==> flow/design.v <==
module word #(parameter N = 8) (
  input wire clk,
  input wire en,
  input wire [N-1:0] d,
  output reg [N-1:0] q
);
  always @(posedge clk)
    if (en) q <= d;
endmodule
module sync_mem_v2 #(
  parameter NUM_REGS = 6,
  parameter WIDTH = 8,
  parameter NR = 8,
  parameter AWIDTH = $clog2(NUM_REGS)
) (
  input  ck,
  input  rst_i,
  input  in_wr_en,
  input  [AWIDTH-1:0] in_waddr,
  input  [WIDTH-1:0] in_write_data,
  input  [NR*AWIDTH-1:0] in_raddr,
  output [NR*WIDTH-1:0] out_dout
);
  reg wr_en_reg;
  reg [AWIDTH-1:0] waddr_reg;
  reg [WIDTH-1:0] write_data_reg;
  always @(posedge ck or posedge rst_i) begin
    if (rst_i) begin
      wr_en_reg <= 1'b0;
      waddr_reg <= 0;
      write_data_reg <= 0;
    end else begin
      wr_en_reg <= in_wr_en;
      waddr_reg <= in_waddr;
      write_data_reg <= in_write_data;
    end
  end
  wire [NUM_REGS*WIDTH-1:0] regs;
  genvar i;
  generate
    for (i = 0; i < NUM_REGS; i = i + 1) begin : each
      word #(.N(WIDTH)) i_sub (.clk(ck), .en(wr_en_reg && waddr_reg == i), .d(write_data_reg), .q(regs[i*WIDTH +: WIDTH]));
    end
  endgenerate
  reg [NR*AWIDTH-1:0] raddr_reg;
  always @(posedge ck or posedge rst_i) begin
    if (rst_i) begin
      raddr_reg <= 0;
    end else begin
      raddr_reg <= in_raddr;
    end
  end
  wire [NR*WIDTH-1:0] tmp;
  genvar j;
  generate
    for (j = 0; j < NR; j = j + 1) begin : gen
      assign tmp[j*WIDTH +: WIDTH] = regs[raddr_reg[j*AWIDTH +: AWIDTH]*WIDTH +: WIDTH];
    end
  endgenerate
  assign out_dout = tmp;
endmodule
# Tool chain data of sync_mem_v2
# What the tools print for sync_mem_v2, step after step.
# Lines are those of the file above, counted from 1.
# Operators: Yosys type, input widths -> output width; for muxes data width and select width s.
# Library cell names are shortened.
# The mark - stands for no value.
# design
design,sync_mem_v2
clock_port,ck
cell_library,sky130hd
lib_corner,tt_025C_1v80

# Word-level counts
# Source: Yosys, flattened and elaborated, memories not mapped. Widths are those after wreduce; folded enables and synchronous resets count as part of the registers. Registers that Yosys merges into a memory's read port (data or address) are not register bits. Print and check cells do not count. Equal cells are merged and count once.
# word_totals
mem_count,0
clocked_rd_ports_x_width,0
latchBits,0
reg_bits,84
ram_bits,0
input_bits,38
mem_bits_ro,0
# op_classes
addsub,0
logic,0
cmp,0
n_mux,0
n_shift,8
n_div,0
equal,5
reduce_logical,7
multipliers,0
# ops
cell,count
$shiftx 48x7->8,8
$logic_and 1x1->1,6
$eq 3x2->1 const B,2
$eq 3x3->1 const B,2
$eq 3x1->1 const B,1
$logic_not 3->1,1

# Logic depth
# Depth = most cells in a row (Yosys ltp): at word level without a register or memory, in the mapped netlist without a sequential cell, where the memories' decode and read muxes count.
# depth
ltp_word,2
ABC_AREA,0
ltp_mapped,5
ltp_nobuf,3

# Mapped cells and area
# Source: synth_stat.txt of the flow (Yosys; design flattened, memories mapped). It holds for the ABC_AREA given above (unset counts as 0); a run with the other value may have another netlist.
# The area totals of this step are shown rounded.
# by_type
type,count,area_total_um2
mux2i_1,192,1.92E+03
edfxtp_1,48,1.44E+03
dfrtp_1,36,900.864
o32a_1,64,640.614
o21ai_1,64,320.307
buf_12,8,160.154
buf_6,13,146.39
buf_1,37,138.883
buf_2,19,95.091
nand2b_2,8,70.067
nand2b_1,10,62.56
buf_4,8,60.058
clkbuf_4,5,37.536
clkbuf_2,5,25.024
and4b_1,1,10.01
nor3_1,2,10.01
nor2_1,2,7.507
nor3b_1,1,7.507
# Other cell types: 3; their cells: 3.
# mapped
seq_area_um2,2300
yosys_area_um2,6100
ffs,84
cells,526
# By module: a second synthesis without flattening, with its own total; a netlist apart from the flattened one above.
# hier_totals
hier_cells,525
hier_area_um2,6000
# Each row is one instance without its submodules.
# by_module
module,n_inst,n_cells,area_um2
sync_mem_v2,1,477,4600
word #(N=8),6,8,240

# Worst setup path after synthesis
# Source: OpenSTA report_checks on the synthesized netlist (no wires, ideal clock, input and output delay 20% of the period each), path of least setup slack; recovery checks are left aside. Register names are those of the netlist, which keeps one name where synthesis merged equal registers.
# synth_path
path_type,register to register
startpoint,register waddr_reg[2]
endpoint,register each[2].i_sub.q[0]
required_time_ns,1.625
stages,3
path_delay_ns,1.608
path_buffers,0
clock_period_ns,2.01
arrival_time_ns,1.223
slack_ns,0.402
synth_period_reached_ns,1.608
# "path_delay_ns" is the arrival time less input delay plus setup time.
# "stages" counts driving pins, that of a launching flip-flop among them; a cell with two outputs on the path counts twice.
# "synth_period_reached_ns" is the clock period less the worst setup slack; recovery checks do not enter. This is arithmetic on one report: input and output delays are still those of the set period (20% each).
# The rows between start and end are the longest chain of elaborated cells between them; the timing report does not say that the signal goes this way. Where chains are equally long, one stands for them.
# A line is the first line of the expression or statement that the cell stems from. Yosys adds cells for indexed reads and writes and turns some case tables into memories.
# synth_via
path_cell_list,dfrtp_1 nand2b_1 nor3b_1
elab_chain_cells,2
cells_between,2
cone_lines,1
classes_between,eq/ne: 1; reduce/logical: 1
# synth_lines
element,line,rtl
start: declaration,25,reg [AWIDTH-1:0] waddr_reg;
start: assignment,30,waddr_reg <= 0;
start: assignment,34,waddr_reg <= in_waddr;
$eq 3x2->1,42,"word #(.N(WIDTH)) i_sub (.clk(ck), .en(wr_en_reg && waddr_reg == i), .d(write_data_reg), .q(regs[i*WIDTH +: WI ..."
$logic_and 1x1->1,42,
end: assignment,8,if (en) q <= d;
end: declaration,5,output reg [N-1:0] q

# Timing after layout
# From the final timing report of entry A: the path of least setup slack in the routed layout; clock arrival at registers is part of the times.
# layout_path
path_type,register to output
startpoint,register raddr_reg[7]
endpoint,output out_dout[20]
stages,6
slack_ns,-0.03
required_time_ns,1.61
path_buffers,2
output_delay_ns,0.40
arrival_time_ns,1.64
clock_period_ns,2.01
# The rows between start and end are the longest chain of elaborated cells between them; the timing report does not say that the signal goes this way. Where chains are equally long, one stands for them.
# layout_via
path_cell_list,dfrtp_2 buf_6 mux2i_1 o32a_1 o21ai_1 buf_2
elab_chain_cells,1
cells_between,1
cone_lines,1
classes_between,shift: 1
# layout_lines
element,line,rtl
start: declaration,45,reg [NR*AWIDTH-1:0] raddr_reg;
start: assignment,48,raddr_reg <= 0;
start: assignment,50,raddr_reg <= in_raddr;
$shiftx 48x7->8,57,assign tmp[j*WIDTH +: WIDTH] = regs[raddr_reg[j*AWIDTH +: AWIDTH]*WIDTH +: WIDTH];
end: declaration,22,output [NR*WIDTH-1:0] out_dout

# Module sync_mem_v2, platform sky130hd: 3 stored runs of the flow (Yosys, OpenROAD) with differing settings, in no particular order. Input and output delays are each 20% of the period that was set; the output load is 0.01 pF.
# "clock_period_reached_ns" means the clock period less the worst setup slack. The figure is calculated, with input and output delays left at 20% of the set period.
# "power_total_w": no workload was simulated; the value follows from the tool's default switching activity.
# Values from the reports are rounded here.
# Settings: . = not set for that run.
run name,period_ns,CAP_MARGIN,CORE_MARGIN,CORE_UTILIZATION,SLEW_MARGIN,SETUP_SLACK_MARGIN,MAX_ROUTING_LAYER,PLACE_DENSITY_LB_ADDON,GPL_ROUTABILITY_DRIVEN,CTS_CLUSTER_SIZE,MIN_ROUTING_LAYER,clock_period_reached_ns,yosys.chip_area_um2,final_cell_area_um2,setup_worst_slack_ns,power_total_w,setup_tns_ns,dieArea_um2
entry A,2.01,20,2,40,20,.,.,.,.,.,.,2.044,6100,8100,-0.034,0.0048,-0.094,16000
entry B,2.1,20,3,39,20,0.19,met5,.,.,.,.,2.049,6100,8100,0.051,0.0048,0.000,17000
entry C,1.27,20,2,24,15,0.32,met4,0.22,1,55,met2,1.954,6100,9200,-0.68,0.0083,-38,27000
